==> flow/design.v <==
module u_subtractor_blk #(
  parameter W = 36
) (
  input  logic ck,
  input  logic [W-1:0] arg0,
  input  logic [W-1:0] arg1,
  input  logic mode,
  output logic [W:0] q
);
  always_ff @(posedge ck) begin
    q <= mode ? arg0 - arg1 : arg0 + arg1;
  end
endmodule
[Tool chain data of u_subtractor_blk]
The steps from the RTL of u_subtractor_blk to its reports follow in flow order.
Lines are those of the file above, counted from 1.
Cell names lack the library's common part.
A cell with -- has no value.
Design
  top module: u_subtractor_blk
  clock input: ck
  library: sky130hd
  library corner: tt_025C_1v80

[After elaboration]
Counts by Yosys on the flattened word-level netlist (proc, flatten, opt, wreduce; memories kept). Register bits leave out memories and registers merged into their read ports (data or address); mux counts leave out enables and synchronous resets folded into registers. Print and check cells are left out. Cells with the same type and inputs are merged into one.
Storage and ports
  register bits: 37
  input bits: 74
  word width x clocked read ports: 0
  bits in latches: 0
  RAM bits: 0
  memories: 0
  output and inout port bits: 37
  memory bits (read-only): 0
  word-level cells: 4
Operators by class
  reductions and logical operators: 0
  order comparisons: 0
  bitwise gates (word level): 0
  equality and inequality tests: 0
  multiply operators: 0
  add/sub/neg operators: 2
  shift-type cells: 0
  divide/modulo/power cells: 0
  mux-type cells: 1
Operator list (count)
  adder 36 x 36 -> 37 bit: 1
  subtractor 36 x 36 -> 37 bit: 1
  2-to-1 mux 37 bit: 1

[Longest topological paths]
Longest topological path by Yosys (ltp), each cell counted once; first at word level (registers and memories cut), then after technology mapping (sequential cells cut; the memories' decode and read muxes count).
Logic depth
  depth after elaboration: 2
  ABC_AREA: 0
  gate-level depth with buffers: 17
  mapped depth without buffers: 16

[After synthesis]
The flow's flattened synthesis, as Yosys stat reports it; memories are mapped. The netlist is that of the ABC_AREA named above (0 if unset); the other value can give another one.
Cell types
  dfxtp_1: count 37, total area 740.71 µm²
  xnor2_1: count 57, total area 499.229 µm²
  ha_1: count 37, total area 462.944 µm²
  a21oi_1: count 51, total area 255.245 µm²
  nor2_1: count 42, total area 157.651 µm²
  a21o_1: count 20, total area 150.144 µm²
  o21ai_0: count 21, total area 105.101 µm²
  nand2_1: count 25, total area 93.84 µm²
  a31oi_1: count 14, total area 87.584 µm²
  inv_1: count 21, total area 78.826 µm²
  xor2_1: count 9, total area 78.826 µm²
  o21bai_1: count 6, total area 45.043 µm²
  and3_1: count 7, total area 43.792 µm²
  a41oi_1: count 4, total area 35.034 µm²
  nand3_1: count 7, total area 35.034 µm²
  nor3_1: count 7, total area 35.034 µm²
  nor2b_1: count 5, total area 31.28 µm²
  clkbuf_1: count 8, total area 30.029 µm²
Other cell types: 33; their cells: 47.
Mapped netlist
  buffers: 8
  area of sequential cells: 740.7 µm²
  mapped flip-flops: 37
  mapped cells: 425
  mapped area: 3368.2 µm²

[Worst setup path after synthesis]
OpenSTA on the mapped netlist: ideal clock, no wires. The path of least setup slack (recovery checks aside). Input and output delay are each 20% of the period. Register names are those of the netlist, which keeps one name where synthesis merged equal registers.
Timing after synthesis
  kind: input to register
  start point: input port arg1[18]
  end point: register q[36]
  delay of the path: 3.260 ns
  data required time: 5.018 ns
  launch time at the first pin: 1.018 ns
  period: 5.09 ns
  data arrival time: 4.206 ns
  path slack: 0.812 ns
  stages: 15
  buffers on the path: 1
  external input delay: 1.018 ns
  setup time: 0.072 ns
  period reached after synthesis: 4.278 ns
"delay of the path" = arrival - input delay + setup time.
"stages" counts driving pins, that of a launching flip-flop among them; a cell with two outputs on the path counts twice.
"period reached after synthesis" is the clock period less the worst setup slack; recovery checks do not enter. This is arithmetic on one report: input and output delays are still those of the set period (20% each).
Between the ends stands the longest chain of elaborated cells between them, by number of cells; it is not shown to be the way that was timed. Of several equally long chains one is given.
Each line given opens the expression or statement behind the cell; cells for indexed reads and writes are added by Yosys, which also makes memories of some case tables.
Between the ends, after synthesis
  cells stage by stage: or4_1 > or3_4 > nor3_4 > nand2_1 > nor3_2 > a21oi_1 > xnor2_1 > ha_1 > clkbuf_1 > a21o_1 > a21o_1 > a21o_1 > a2111o_1 > o22ai_1 > xor2_1
  cells in the longest elaborated chain: 2
  elaborated cells between the ends (all ways): 3
  source lines of those cells: 1
  those cells by class: add/sub (2); mux (1)
RTL lines, path after synthesis
  start: declaration: RTL line 6  | input  logic [W-1:0] arg1,
  adder 36 x 36 -> 37 bit: RTL line 11  | q <= mode ? arg0 - arg1 : arg0 + arg1;
  2-to-1 mux 37 bit: RTL line 11
  end: assignment: RTL line 11
  end: declaration: RTL line 8  | output logic [W:0] q

[Path in the finished layout]
Path of least setup slack in the final report of job 1 (OpenROAD, finished layout, wires in). Where an end is a register, its clock arrival counts in the times.
Timing after layout
  kind: input to register
  start point: input port arg1[17]
  end point: register q[36]
  data arrival time: 3.88 ns
  period: 3.02 ns
  stages: 16
  external input delay: 0.60 ns
  path slack: -0.64 ns
  data required time: 3.24 ns
  setup time: 0.07 ns
  launch time at the first pin: 0.60 ns
  buffers on the path: 2
Between the ends stands the longest chain of elaborated cells between them, by number of cells; it is not shown to be the way that was timed. Of several equally long chains one is given.
Between the ends, after layout
  cells stage by stage: buf_6 > or4_4 > or3_4 > nor3_4 > buf_6 > nand2_4 > nor3_4 > a21oi_2 > xnor2_1 > ha_1 > a21o_1 > a21o_1 > a21o_1 > a2111o_1 > o22ai_2 > xor2_1
  cells in the longest elaborated chain: 2
  elaborated cells between the ends (all ways): 3
  source lines of those cells: 1
  those cells by class: add/sub (2); mux (1)
RTL lines, path after layout
  start: declaration: RTL line 6  | input  logic [W-1:0] arg1,
  adder 36 x 36 -> 37 bit: RTL line 11  | q <= mode ? arg0 - arg1 : arg0 + arg1;
  2-to-1 mux 37 bit: RTL line 11
  end: assignment: RTL line 11
  end: declaration: RTL line 8  | output logic [W:0] q

Subject: flow runs of u_subtractor_blk

Hi,

Flow measurements of u_subtractor_blk on sky130hd: 3 stored runs with different settings, listed in no order. Input and output delays are each 20% of the period that was set; the output load is 0.01 pF.
"total power of the final layout" is the tool's figure for a default switching activity; nothing was simulated.

==> job 1: settings <==
{ "period_ns": 3.02, "CORE_UTILIZATION": 27, "PLACE_DENSITY_LB_ADDON": 0.19, "CORE_ASPECT_RATIO": 1.01, "CELL_PAD_IN_SITES_GLOBAL_PLACEMENT": 1, "CELL_PAD_IN_SITES_DETAIL_PLACEMENT": 0, "CTS_CLUSTER_SIZE": 29, "CTS_CLUSTER_DIAMETER": 96, "CAP_MARGIN": 25, "SLEW_MARGIN": 10, "MIN_ROUTING_LAYER": "met1", "MAX_ROUTING_LAYER": "met4", "CORE_MARGIN": 2 }
==> job 1: results <==
area of the synthesized netlist: 3368.2 µm²
die outline area: 13383.9 µm²
standard-cell area after layout: 7081.8 µm²
utilization after routing: 57.5%
smallest setup slack: -0.636 ns
total negative slack on setup checks: -8.261 ns
smallest hold slack: 0.719 ns
total power of the final layout: 3230 µW

==> job 2: settings <==
{ "period_ns": 5.09, "CAP_MARGIN": 20, "CORE_MARGIN": 2, "CORE_UTILIZATION": 40, "SLEW_MARGIN": 20 }
==> job 2: results <==
area of the synthesized netlist: 3368.2 µm²
die outline area: 9170.9 µm²
standard-cell area after layout: 4762.1 µm²
utilization after routing: 58.2%
smallest setup slack: 0.364 ns
total negative slack on setup checks: 0.000 ns
smallest hold slack: 1.372 ns
total power of the final layout: 1373 µW

==> job 3: settings <==
{ "period_ns": 4.62, "CORE_UTILIZATION": 48, "PLACE_DENSITY": 0.88, "CORE_ASPECT_RATIO": 0.76, "CORE_MARGIN": 5, "CELL_PAD_IN_SITES_GLOBAL_PLACEMENT": 3, "ABC_AREA": 0, "CAP_MARGIN": 30, "MIN_ROUTING_LAYER": "met2", "MAX_ROUTING_LAYER": "met5", "SLEW_MARGIN": 20 }
==> job 3: results <==
no results, placement failed with GPL-0301

Regards
